==> flow/design.v <==
module add_core #(
   parameter DATA_W = 8
) (
   input sys_clk,
   input [DATA_W-1:0] i_op_a,
   input [DATA_W-1:0] i_op_b,
   input [DATA_W-1:0] i_op_c,
   output [DATA_W+1:0] o_result
);
   reg [DATA_W-1:0] op_a_r;
   reg [DATA_W-1:0] op_b_r;
   reg [DATA_W-1:0] op_c_r;
   wire [DATA_W-1:0] work;
   assign work = op_a_r ^ op_b_r ^ op_c_r;
   wire [DATA_W-1:0] cc;
   assign cc = (op_a_r & op_b_r) | (op_a_r & op_c_r) | (op_b_r & op_c_r);
   assign o_result = work + {cc, 1'b0};
   always @(posedge sys_clk) begin
      op_a_r <= i_op_a;
      op_b_r <= i_op_b;
      op_c_r <= i_op_c;
   end
endmodule
# Step by step through the tools: add_core
# The steps from the RTL of add_core to its reports follow in flow order.
# Lines are those of the file above, counted from 1.
# Operators: Yosys type, input widths -> output width; for muxes data width and select width s.
# A cell with - has no value.
dict set report inputs {
  top {add_core}
  clock_port {sys_clk}
  cell_library {sky130hd}
  corner {tt_025C_1v80}
}

# Word-level counts
# Source: Yosys, flattened and elaborated, memories not mapped. Widths are those after wreduce; folded enables and synchronous resets count as part of the registers. Registers that Yosys merges into a memory's read port (data or address) are not register bits. Print and check cells do not count. Equal cells are merged and count once.
dict set report classes {
  addsub 1
  logic 7
}
# operator count
set ops {}
lappend ops {{$and 8x8->8} 3}
lappend ops {{$or 8x8->8} 2}
lappend ops {{$xor 8x8->8} 2}
lappend ops {{$add 8x9->10} 1}
dict set report bits {
  ff_bits 24
  input_bits 25
}

# Logic depth
# Depth = most cells in a row (Yosys ltp): at word level without a register or memory, in the mapped netlist without a sequential cell, where the memories' decode and read muxes count.
dict set report depth {
  depth_word 4
  abc_area 1
  mapped_depth 11
}

# Mapped cells and area
# The flow's flattened synthesis, as Yosys stat reports it; memories are mapped. The netlist is that of the ABC_AREA named above (0 if unset); the other value can give another one.
dict set report synth_totals {
  stdcells 97
  mapped_area_um2 1038.5
  sequential_area_um2 480.5
  ff_cells 24
  n_buf 0
}
# cell count area_total_um2
set types {}
lappend types {sky130_fd_sc_hd__dfxtp_1 24 480.461}
lappend types {sky130_fd_sc_hd__fa_1 9 180.173}
lappend types {sky130_fd_sc_hd__ha_1 7 87.584}
lappend types {sky130_fd_sc_hd__nand2_1 21 78.826}
lappend types {sky130_fd_sc_hd__inv_1 16 60.058}
lappend types {sky130_fd_sc_hd__nand3_1 4 20.019}
lappend types {sky130_fd_sc_hd__nand3b_4 1 20.019}
lappend types {sky130_fd_sc_hd__or2_4 2 17.517}
lappend types {sky130_fd_sc_hd__xnor2_1 2 17.517}
lappend types {sky130_fd_sc_hd__a21oi_4 1 16.266}
lappend types {sky130_fd_sc_hd__nand2_4 1 11.261}
lappend types {sky130_fd_sc_hd__nor2_1 3 11.261}
lappend types {sky130_fd_sc_hd__a21oi_1 2 10.01}
lappend types {sky130_fd_sc_hd__xor2_1 1 8.758}
lappend types {sky130_fd_sc_hd__nand3b_1 1 7.507}
lappend types {sky130_fd_sc_hd__and2_1 1 6.256}
lappend types {sky130_fd_sc_hd__o21ai_0 1 5.005}

# Timing after synthesis
# OpenSTA on the mapped netlist: ideal clock, no wires. The path of least setup slack (recovery checks aside). Input and output delay are each 20% of the period. Register names are those of the netlist, which keeps one name where synthesis merged equal registers.
dict set report synth_path {
  path_kind {register to output}
  startpoint {register op_a_r[1]}
  endpoint {output o_result[7]}
  clock_period_ns 3.24
  output_delay_ns 0.648
  launch_ns 0.000
  arrival_time_ns 1.799
  required_ns 2.592
  setup_slack_ns 0.793
  delay_ns 1.799
  path_stages 10
  n_path_buf 0
  synth_period_reached_ns 2.447
}
# "delay_ns" is the arrival time less input delay plus setup time.
# At an output port there is no setup time.
# "path_stages" counts driving pins, that of a launching flip-flop among them; a cell with two outputs on the path counts twice.
# "synth_period_reached_ns" = period - worst setup slack (recovery checks aside). The figure is calculated, with input and output delays left at 20% of the set period.
# Between the ends stands the longest chain of elaborated cells between them, by number of cells; it is not shown to be the way that was timed. Of several equally long chains one is given.
# Each line given opens the expression or statement behind the cell; cells for indexed reads and writes are added by Yosys, which also makes memories of some case tables.
dict set report synth_between {
  cell_sequence {sky130_fd_sc_hd__dfxtp_1 sky130_fd_sc_hd__fa_1 sky130_fd_sc_hd__ha_1 sky130_fd_sc_hd__fa_1 sky130_fd_sc_hd__nand2_1 sky130_fd_sc_hd__nand2_1 sky130_fd_sc_hd__nand3b_4 sky130_fd_sc_hd__nand2_1 sky130_fd_sc_hd__nand2_1 sky130_fd_sc_hd__nand2_1}
  elab_chain_cells 4
}
# item line_no
set synth_rtl {}
lappend synth_rtl {{start: declaration} 10} ;# reg [DATA_W-1:0] op_a_r;
lappend synth_rtl {{start: assignment} 19} ;# op_a_r <= i_op_a;
lappend synth_rtl {{$and 8x8->8} 16} ;# assign cc = (op_a_r & op_b_r) | (op_a_r & op_c_r) | (op_b_r & op_c_r);
lappend synth_rtl {{$or 8x8->8 (2 in a row)} 16}
lappend synth_rtl {{$add 8x9->10} 17} ;# assign o_result = work + {cc, 1'b0};
lappend synth_rtl {{end: declaration} 8} ;# output [DATA_W+1:0] o_result

# Timing after layout
# Path of least setup slack in the final report of entry A (OpenROAD, finished layout, wires in). Where an end is a register, its clock arrival counts in the times.
dict set report layout_path {
  path_kind {register to output}
  startpoint {register op_a_r[1]}
  endpoint {output o_result[7]}
  clock_period_ns 2.22
  output_delay_ns 0.44
  launch_ns 0.34
  arrival_time_ns 2.39
  required_ns 1.78
  setup_slack_ns -0.62
  path_stages 11
  n_path_buf 1
}
# Between the ends stands the longest chain of elaborated cells between them, by number of cells; it is not shown to be the way that was timed. Of several equally long chains one is given.
dict set report layout_between {
  cell_sequence {sky130_fd_sc_hd__dfxtp_2 sky130_fd_sc_hd__fa_1 sky130_fd_sc_hd__ha_2 sky130_fd_sc_hd__fa_2 sky130_fd_sc_hd__nand2_2 sky130_fd_sc_hd__nand2_4 sky130_fd_sc_hd__nand3b_4 sky130_fd_sc_hd__nand2_2 sky130_fd_sc_hd__nand2_2 sky130_fd_sc_hd__nand2_2 sky130_fd_sc_hd__buf_6}
  elab_chain_cells 4
}
# item line_no
set layout_rtl {}
lappend layout_rtl {{start: declaration} 10} ;# reg [DATA_W-1:0] op_a_r;
lappend layout_rtl {{start: assignment} 19} ;# op_a_r <= i_op_a;
lappend layout_rtl {{$and 8x8->8} 16} ;# assign cc = (op_a_r & op_b_r) | (op_a_r & op_c_r) | (op_b_r & op_c_r);
lappend layout_rtl {{$or 8x8->8 (2 in a row)} 16}
lappend layout_rtl {{$add 8x9->10} 17} ;# assign o_result = work + {cc, 1'b0};
lappend layout_rtl {{end: declaration} 8} ;# output [DATA_W+1:0] o_result

; 3 stored runs of add_core in the flow (synthesis by Yosys, layout by OpenROAD, sky130hd cells), in arbitrary order. Constraints: input delay and output delay 20% of the set period each, output load 0.01 pF.
; By "achievedPeriod_ns" is meant the clock period of the run minus its worst setup slack. This is arithmetic on one report: input and output delays are still those of the set period (20% each).
; "timing.worst_path_ns": the worst setup path's part of the clock period (all of it between registers, 20% less for each end at a port) less its slack. A launch clock that arrives late makes it longer, a capture clock that arrives late makes it shorter.
; "power.total_uw" rests on the timing tool's default activity at the inputs, not on a simulated workload.

[entry A: settings]
period_ns = 2.22
CORE_UTILIZATION = 57
SETUP_SLACK_MARGIN = 0.64
PLACE_DENSITY = 0.8
CORE_MARGIN = 5
TNS_END_PERCENT = 60
ABC_AREA = 1
GPL_ROUTABILITY_DRIVEN = 0
CTS_CLUSTER_DIAMETER = 55
SLEW_MARGIN = 15
CAP_MARGIN = 20
[entry A: results]
final_util_frac = 0.954
power.total_uw = 1439
synth_chip_area_um2 = 1038.5
achievedPeriod_ns = 2.837
setup_ws_ns = -0.617
timing.hold.ws_ns = 0.520
setupTns_ns = -4.082
total_die_area_um2 = 2775.7
timing.worst_path_ns = 2.39
critical_path_kind = register to output
finish.stdcell_area_um2 = 1646.6

[entry B: settings]
period_ns = 3.24
CAP_MARGIN = 20
CORE_MARGIN = 2
CORE_UTILIZATION = 40
SLEW_MARGIN = 20
[entry B: results]
final_util_frac = 0.62
power.total_uw = 764.1
synth_chip_area_um2 = 1006.0
achievedPeriod_ns = 3.135
setup_ws_ns = 0.105
timing.hold.ws_ns = 0.778
setupTns_ns = 0.000
total_die_area_um2 = 2932.2
timing.worst_path_ns = 2.49
critical_path_kind = register to output
finish.stdcell_area_um2 = 1509.0

[entry C: settings]
period_ns = 2.11
CORE_UTILIZATION = 39
SETUP_SLACK_MARGIN = 0.21
CORE_ASPECT_RATIO = 0.56
TNS_END_PERCENT = 65
CTS_CLUSTER_DIAMETER = 142
CAP_MARGIN = 20
CORE_MARGIN = 2
SLEW_MARGIN = 20
[entry C: results]
final_util_frac = 0.653
power.total_uw = 1253
synth_chip_area_um2 = 1006.0
achievedPeriod_ns = 2.827
setup_ws_ns = -0.717
timing.hold.ws_ns = 0.590
setupTns_ns = -4.251
total_die_area_um2 = 3018.9
timing.worst_path_ns = 2.41
critical_path_kind = register to output
finish.stdcell_area_um2 = 1550.2
